==> flow/design.v <==
module reg_file #(
   parameter ENTRIES = 48,
   parameter WIDTH = 6,
   parameter ADDR_W = $clog2(ENTRIES)
) (
   input logic clock,
   input logic i_rst,
   input logic wen_i,
   input logic [ADDR_W-1:0] wr_addr_i,
   input logic [WIDTH-1:0] d_i,
   input logic [ADDR_W-1:0] read_addr0_i,
   input logic [ADDR_W-1:0] read_addr1_i,
   output logic [WIDTH-1:0] rdata0_o,
   output logic [WIDTH-1:0] rdata1_o
);
   logic [WIDTH-1:0] gpr [ENTRIES-1:0];
   always_ff @(posedge clock) begin
      if (i_rst) begin
         for (int n = 0; n < ENTRIES; n++)
            gpr[n] <= 0;
      end else if (wen_i) begin
         gpr[wr_addr_i] <= d_i;
      end
   end
   logic [WIDTH-1:0] rdata0_r;
   always_ff @(posedge clock) begin
      if (i_rst) begin
         rdata0_r <= 0;
      end else begin
         rdata0_r <= gpr[read_addr0_i];
      end
   end
   assign rdata0_o = rdata0_r;
   logic [WIDTH-1:0] rdata1_r;
   always_ff @(posedge clock) begin
      if (i_rst) begin
         rdata1_r <= 0;
      end else begin
         rdata1_r <= gpr[read_addr1_i];
      end
   end
   assign rdata1_o = rdata1_r;
endmodule
* Tool chain data of reg_file
Tool output for the design above, in the order of the flow.
Lines are those of the file above, counted from 1.
Operators: Yosys type, input widths -> output width; for muxes data width and select width s.
Not given: n/a
- Top module :: reg_file
- Clock :: clock
- Cell library :: sky130hd
- Timing corner :: tt_025C_1v80

* After elaboration
Source: Yosys, flattened and elaborated, memories not mapped. Widths are those after wreduce; folded enables and synchronous resets count as part of the registers. Registers that Yosys merges into a memory's read port (data or address) are not register bits. Print and check cells do not count. Equal cells are merged and count once.
Yosys's memory passes give these memory sizes; they may raise the number of words (mostly to a power of two), join words into wider ones and drop unused or constant bits.
- Memory bits (writable) :: 384
- Memories kept :: 1
- Input port bits :: 27
- Output and inout bits :: 12
- Register bits after elaboration :: 0
- Cells after elaboration :: 8
- Multiplexer cells :: 7
** Memories
- gpr :: words 64, bits a word 6, line 16 : logic [WIDTH-1:0] gpr [ENTRIES-1:0];
** Operators with widths (count)
- $mux 6 :: 4
- $mux 1 :: 3

* Depth
Longest topological path by Yosys (ltp), each cell counted once; first at word level (registers and memories cut), then after technology mapping (sequential cells cut; the memories' decode and read muxes count).
- Depth after elaboration :: 2
- ABC_AREA :: 0
- Depth in mapped cells :: 9
- Gate-level depth less buffers :: 5

* Synthesis result
Source: synth_stat.txt of the flow (Yosys; design flattened, memories mapped). It holds for the ABC_AREA given above (unset counts as 0); a run with the other value may have another netlist.
Totals and module areas in this step are rounded.
- Buffer cells :: 104
- Cell count :: 1328
- Chip area (Yosys) :: 20800 um2
- Flip-flops :: 396
- Sequential area :: 11800 um2
** Cell types
- sky130_fd_sc_hd__edfxtp_1 :: count 384, area in all 1.15E+04 um2
- sky130_fd_sc_hd__mux4_2 :: count 191, area in all 4.3E+03 um2
- sky130_fd_sc_hd__and2_1 :: count 289, area in all 1.81E+03 um2
- sky130_fd_sc_hd__mux2i_1 :: count 39, area in all 390.374 um2
- sky130_fd_sc_hd__mux4_1 :: count 13, area in all 341.578 um2
- sky130_fd_sc_hd__or2_2 :: count 51, area in all 319.056 um2
- sky130_fd_sc_hd__nor2_1 :: count 76, area in all 285.274 um2
- sky130_fd_sc_hd__dfxtp_1 :: count 12, area in all 240.23 um2
- sky130_fd_sc_hd__clkbuf_1 :: count 57, area in all 213.955 um2
- sky130_fd_sc_hd__nand2_1 :: count 51, area in all 191.434 um2
- sky130_fd_sc_hd__buf_6 :: count 11, area in all 123.869 um2
- sky130_fd_sc_hd__buf_4 :: count 12, area in all 90.086 um2
- sky130_fd_sc_hd__nand3_1 :: count 17, area in all 85.082 um2
- sky130_fd_sc_hd__buf_2 :: count 16, area in all 80.077 um2
- sky130_fd_sc_hd__mux2_2 :: count 7, area in all 78.826 um2
- sky130_fd_sc_hd__o22ai_1 :: count 10, area in all 62.56 um2
- sky130_fd_sc_hd__a21oi_1 :: count 10, area in all 50.048 um2
- sky130_fd_sc_hd__o221ai_1 :: count 5, area in all 43.792 um2
Not listed: further types 27, cells in them 77.

* Worst setup path after synthesis
Source: OpenSTA report_checks on the synthesized netlist (no wires, ideal clock, input and output delay 20% of the period each), path of least setup slack; recovery checks are left aside. Register names are those of the netlist, which keeps one name where synthesis merged equal registers.
- Path type :: in2reg
- Start point :: input port read_addr0_i[1]
- End point :: register rdata0_r[5]
- Library setup time :: 0.123 ns
- Path buffers :: 3
- Launch time at the first pin :: 0.524 ns
- Stages on the path :: 7
- Data arrival time :: 2.079 ns
- Delay of the path :: 1.678 ns
- Setup slack :: 0.419 ns
- Data required time :: 2.497 ns
- Input delay :: 0.524 ns
- Period :: 2.62 ns
- Period reached after synthesis :: 2.201 ns
"delay of the path" is the arrival time less input delay plus setup time.
"stages on the path" counts driving pins, that of a launching flip-flop among them; a cell with two outputs on the path counts twice.
"period reached after synthesis" is the clock period less the worst setup slack; recovery checks do not enter. This is arithmetic on one report: input and output delays are still those of the set period (20% each).
- Cell sequence :: sky130_fd_sc_hd__buf_6 sky130_fd_sc_hd__buf_6 sky130_fd_sc_hd__buf_2 sky130_fd_sc_hd__mux4_2 sky130_fd_sc_hd__mux4_2 sky130_fd_sc_hd__a22oi_1 sky130_fd_sc_hd__nand3_1
** RTL lines, path after synthesis
- from (decl) :: line 11 : input logic [ADDR_W-1:0] read_addr0_i,
- to (decl) :: line 25 : logic [WIDTH-1:0] rdata0_r;
No chain of elaborated cells between the ends is given.

* Worst path after layout
Path of least setup slack in the final report of job 2 (OpenROAD, finished layout, wires in). Where an end is a register, its clock arrival counts in the times.
- Path type :: reg2reg
- Start point :: memory gpr[42][3]
- End point :: register rdata1_r[3]
- Path buffers :: 0
- Library setup time :: 0.14 ns
- Setup slack :: -0.57 ns
- Data arrival time :: 2.36 ns
- Data required time :: 1.79 ns
- Period :: 1.41 ns
- Launch time at the first pin :: 0.53 ns
- Stages on the path :: 6
- Cell sequence :: sky130_fd_sc_hd__edfxtp_1 sky130_fd_sc_hd__mux4_2 sky130_fd_sc_hd__mux2i_1 sky130_fd_sc_hd__a21oi_1 sky130_fd_sc_hd__o211ai_1 sky130_fd_sc_hd__o21ai_1
** RTL lines, path after layout
- from (decl) :: line 16 : logic [WIDTH-1:0] gpr [ENTRIES-1:0];
- to (decl) :: line 34 : logic [WIDTH-1:0] rdata1_r;
No chain of elaborated cells between the ends is given.

Lab notebook: reg_file

Measured results for reg_file: 3 stored runs of the Yosys and OpenROAD flow on sky130hd. The settings differ; the order carries no meaning. The constraints put input and output delay at 20% of the set period each and load the outputs with 0.01 pF.
"reached clock period" = clock period - worst setup slack. The figure is calculated, with input and output delays left at 20% of the set period.
"worst path time" = time allowed to the worst setup path (clock period - input delay - output delay, where it has them) - its slack; a late launch clock adds to it, a late capture clock takes from it.
"overall power" rests on the timing tool's default activity at the inputs, not on a simulated workload.
Results are given in rounded form.

* Job 1
** Files
==> flow/run.sh <==
#!/bin/bash
# the make line also repeats the synthesis and layout settings of config.mk as NAME=value (left out here)
make -C /OpenROAD-flow-scripts/flow DESIGN_CONFIG=/design/flow/config.mk WORK_HOME=/design/flow/orfs CLKGATE_MAP_FILE= finish
==> flow/config.mk <==
export PLATFORM = sky130hd
export DESIGN_NAME = reg_file
export DESIGN_NICKNAME = reg_file
export VERILOG_FILES = /design/flow/design.v
export SDC_FILE = /design/flow/constraint.sdc
export NUM_CORES = 4
export LEC_CHECK = 0
export CAP_MARGIN = 20
export CELL_PAD_IN_SITES_DETAIL_PLACEMENT = 2
export CELL_PAD_IN_SITES_GLOBAL_PLACEMENT = 0
export CORE_MARGIN = 2
export CORE_UTILIZATION = 72
export CTS_CLUSTER_SIZE = 51
export GPL_ROUTABILITY_DRIVEN = 1
export HOLD_SLACK_MARGIN = 0.26
export MAX_ROUTING_LAYER = met4
export SLEW_MARGIN = 35
==> flow/constraint.sdc <==
create_clock -name core_clock -period 3.14 [get_ports {clock}]
set_input_delay 0.6280 -clock core_clock [delete_from_list [all_inputs] [get_ports {clock}]]
set_output_delay 0.6280 -clock core_clock [all_outputs]
set_load 0.01 [all_outputs]
** Results
Incomplete, placement halted on a tool error.

* Job 2
** Files
==> flow/run.sh <==
#!/bin/bash
# the make line also repeats the synthesis and layout settings of config.mk as NAME=value (left out here)
make -C /OpenROAD-flow-scripts/flow DESIGN_CONFIG=/design/flow/config.mk WORK_HOME=/design/flow/orfs CLKGATE_MAP_FILE= finish
==> flow/config.mk <==
export PLATFORM = sky130hd
export DESIGN_NAME = reg_file
export DESIGN_NICKNAME = reg_file
export VERILOG_FILES = /design/flow/design.v
export SDC_FILE = /design/flow/constraint.sdc
export NUM_CORES = 4
export LEC_CHECK = 0
export CAP_MARGIN = 20
export CELL_PAD_IN_SITES_DETAIL_PLACEMENT = 0
export CELL_PAD_IN_SITES_GLOBAL_PLACEMENT = 1
export CORE_MARGIN = 2
export CORE_UTILIZATION = 68
export CTS_CLUSTER_DIAMETER = 163
export GPL_ROUTABILITY_DRIVEN = 0
export GPL_TIMING_DRIVEN = 1
export PLACE_DENSITY = 0.78
export SLEW_MARGIN = 20
==> flow/constraint.sdc <==
create_clock -name core_clock -period 1.41 [get_ports {clock}]
set_input_delay 0.2820 -clock core_clock [delete_from_list [all_inputs] [get_ports {clock}]]
set_output_delay 0.2820 -clock core_clock [all_outputs]
set_load 0.01 [all_outputs]
** Results
- Mapped cell area after synthesis :: 20800 um2
- Worst path time :: 1.98 ns
- Type of the worst setup path :: reg2reg
- Area inside the die boundary :: 31900 um2
- Final setup TNS :: -5.48 ns
- Worst setup slack after layout :: -0.569 ns
- Utilization after layout :: 85.4 %
- Reached clock period :: 1.979 ns
- Standard-cell area after routing :: 25500 um2
- Overall power :: 28.1 mW
- Worst hold slack in the final report :: 0.249 ns

* Job 3
** Files
==> flow/run.sh <==
#!/bin/bash
# the make line also repeats the synthesis and layout settings of config.mk as NAME=value (left out here)
make -C /OpenROAD-flow-scripts/flow DESIGN_CONFIG=/design/flow/config.mk WORK_HOME=/design/flow/orfs CLKGATE_MAP_FILE= finish
==> flow/config.mk <==
export PLATFORM = sky130hd
export DESIGN_NAME = reg_file
export DESIGN_NICKNAME = reg_file
export VERILOG_FILES = /design/flow/design.v
export SDC_FILE = /design/flow/constraint.sdc
export NUM_CORES = 4
export LEC_CHECK = 0
export CAP_MARGIN = 20
export CORE_MARGIN = 2
export CORE_UTILIZATION = 40
export SLEW_MARGIN = 20
==> flow/constraint.sdc <==
create_clock -name core_clock -period 2.62 [get_ports {clock}]
set_input_delay 0.5240 -clock core_clock [delete_from_list [all_inputs] [get_ports {clock}]]
set_output_delay 0.5240 -clock core_clock [all_outputs]
set_load 0.01 [all_outputs]
** Results
- Mapped cell area after synthesis :: 20800 um2
- Worst path time :: 1.81 ns
- Type of the worst setup path :: in2reg
- Area inside the die boundary :: 53700 um2
- Final setup TNS :: 0.000 ns
- Worst setup slack after layout :: 0.282 ns
- Utilization after layout :: 47.7 %
- Reached clock period :: 2.338 ns
- Standard-cell area after routing :: 24500 um2
- Overall power :: 15.6 mW
- Worst hold slack in the final report :: 0.462 ns
